==> flow/design.v <==
module my_mul_unit #(
   parameter integer WIDTH = 11
) (
   input wire ck,
   input wire rstn,
   input wire [WIDTH-1:0] src1_in,
   input wire [WIDTH-1:0] src2_in,
   output reg [2*WIDTH-1:0] p_out
);
   reg [WIDTH-1:0] r_src1;
   reg [WIDTH-1:0] r_src2;
   always @(posedge ck) begin
      if (~rstn) begin
         r_src1 <= 0;
         r_src2 <= 0;
         p_out <= 0;
      end else begin
         r_src1 <= src1_in;
         r_src2 <= src2_in;
         p_out <= r_src1 * r_src2;
      end
   end
endmodule
# Tool chain data of my_mul_unit
# Tool output for the design above, in the order of the flow.
# Lines are those of the file above, counted from 1.
# Library cell names are shortened.
# Not given: --
# setup
top	my_mul_unit
clk_port	ck
library	sky130hd
corner	tt_025C_1v80

# Word level
# Yosys after proc, flatten, opt, wreduce and memory -nomap, before mapping. Enables and synchronous resets that opt folds into registers are not counted as muxes. Memory bits, and registers merged into a memory's read port (data or address), are not among the register bits. Print and check cells are not counted. Equal cells are merged and count once.
# op_classes
mul	1
# op_table
operator	count
multiplier 11 x 11 -> 22 bit	1
# word_totals
output_inout_bits	22
ff_bits	44

# Longest topological paths
# Longest topological path by Yosys (ltp), each cell counted once; first at word level (registers and memories cut), then after technology mapping (sequential cells cut; the memories' decode and read muxes count).
# depth
depth_word	1
abc_area	0
depth_mapped	19

# Synthesis result
# Source: synth_stat.txt of the flow (Yosys; design flattened, memories mapped). It holds for the ABC_AREA given above (unset counts as 0); a run with the other value may have another netlist.
# Totals and module areas in this step are rounded.
# synth_totals
area_um2	5300
ff_cells	44
stdcells	573
# types
type	count	area_total_um2
fa_1	80	1.6E+03
dfxtp_1	44	880.845
ha_1	60	750.72
and2_1	98	613.088
inv_1	104	390.374
nand2_1	70	262.752
clkbuf_1	26	97.594
xnor2_1	8	70.067
a21oi_1	13	65.062
xor2_1	6	52.55
and3_1	5	31.28
nand2b_1	5	31.28
a21o_1	4	30.029
o211ai_1	4	30.029
a211oi_2	2	25.024
o21ai_0	5	25.024
mux2i_1	2	20.019
nand3_1	4	20.019
# Not listed: further types 24, cells in them 33.

# Timing after synthesis
# Source: OpenSTA report_checks on the synthesized netlist (no wires, ideal clock, input and output delay 20% of the period each), path of least setup slack; recovery checks are left aside. Register names are those of the netlist, which keeps one name where synthesis merged equal registers.
# synth_timing
path_type	register -> register
startpoint	register r_src2[2]
endpoint	register p_out[18]
path_slack_ns	1.188
launch_ns	0.000
setup_ns	0.115
t_arrival_ns	4.636
stages	20
path_delay_ns	4.751
tclk_ns	5.94
t_required_ns	5.825
synth_period_reached_ns	4.752
# "path_delay_ns" is the arrival time less input delay plus setup time.
# "stages" counts driving pins, that of a launching flip-flop among them; a cell with two outputs on the path counts twice.
# "synth_period_reached_ns" = period - worst setup slack (recovery checks aside). The figure is calculated, with input and output delays left at 20% of the set period.
# The rows between start and end are the longest chain of elaborated cells between them; the timing report does not say that the signal goes this way. Where chains are equally long, one stands for them.
# Each line given opens the expression or statement behind the cell; cells for indexed reads and writes are added by Yosys, which also makes memories of some case tables.
# synth_via
path_cell_list	dfxtp_1 > clkbuf_1 > nand2_1 > fa_1 > inv_1 > fa_1 > inv_1 > fa_1 > inv_1 > fa_1 > inv_1 > fa_1 > inv_1 > ha_1 > a21oi_1 > o211ai_2 > nand2_1 > nor4_1 > or4_1 > and3_1
elab_chain_cells	1
cells_between	1
cone_lines	1
classes_between	1 x mul
# synth_rtl
element	line_no	text
from (decl)	11	reg [WIDTH-1:0] r_src2;
from (assign)	15	r_src2 <= 0;
from (assign)	19	r_src2 <= src2_in;
multiplier 11 x 11 -> 22 bit	20	p_out <= r_src1 * r_src2;
to (assign)	16	p_out <= 0;
to (assign)	20
to (decl)	8	output reg [2*WIDTH-1:0] p_out

# Path in the finished layout
# From the final timing report of run A: the path of least setup slack in the routed layout; clock arrival at registers is part of the times.
# layout_timing
path_type	register -> register
startpoint	register r_src1[7]
endpoint	register p_out[19]
t_required_ns	3.49
stages	19
path_slack_ns	-1.39
t_arrival_ns	4.88
launch_ns	0.30
tclk_ns	3.28
setup_ns	0.10
# The rows between start and end are the longest chain of elaborated cells between them; the timing report does not say that the signal goes this way. Where chains are equally long, one stands for them.
# layout_via
path_cell_list	dfxtp_4 > nand2_4 > fa_1 > inv_1 > fa_1 > inv_1 > fa_1 > inv_2 > fa_1 > inv_2 > fa_1 > inv_2 > ha_4 > o21a_1 > o211ai_1 > a21oi_4 > a211oi_2 > xnor2_1 > and2_1
elab_chain_cells	1
cells_between	1
cone_lines	1
classes_between	1 x mul
# layout_rtl
element	line_no	text
from (decl)	10	reg [WIDTH-1:0] r_src1;
from (assign)	14	r_src1 <= 0;
from (assign)	18	r_src1 <= src1_in;
multiplier 11 x 11 -> 22 bit	20	p_out <= r_src1 * r_src2;
to (assign)	16	p_out <= 0;
to (assign)	20
to (decl)	8	output reg [2*WIDTH-1:0] p_out

# Top module my_mul_unit; platform sky130hd; tools Yosys and OpenROAD; 3 stored runs in no particular order. Input and output delays are each 20% of the period that was set; the output load is 0.01 pF.
# "worst_path_ns" is the time allowed to the run's worst setup path (the clock period less input and output delay, where it has them) less its slack. Clock arrival times count: a late capture clock shortens it, a late launch clock lengthens it.
# "power_mw" is the tool's figure for a default switching activity; nothing was simulated.
# The results are shown rounded.
# Among the settings, - means not set for that run.
# Results: - = not shown.
run name	period_ns	CORE_UTILIZATION	SETUP_SLACK_MARGIN	PLACE_DENSITY_LB_ADDON	CORE_MARGIN	CELL_PAD_IN_SITES_GLOBAL_PLACEMENT	TNS_END_PERCENT	CAP_MARGIN	MIN_ROUTING_LAYER	MAX_ROUTING_LAYER	SLEW_MARGIN	PLACE_DENSITY	CELL_PAD_IN_SITES_DETAIL_PLACEMENT	GPL_TIMING_DRIVEN	CTS_CLUSTER_DIAMETER	final_util_pct	power_mw	setup_ws_ns	dieArea_um2	ys_area_um2	worst_path_ns	worstPathKind
run A	3.28	62	0.1	0.22	5	1	35	30	met2	met4	20	-	-	-	-	83	2.2	-1.4	10000	5300	4.67	register -> register
run B	5.94	40	-	-	2	-	-	20	-	-	20	-	-	-	-	47	1.1	0.87	14000	5300	5.07	register -> register
run C	4.36	62	-	-	2	-	-	20	-	met5	15	0.38	1	1	371	-	-	-	-	-	-	-
# Run C: unfinished; error DPL-0033 in placement
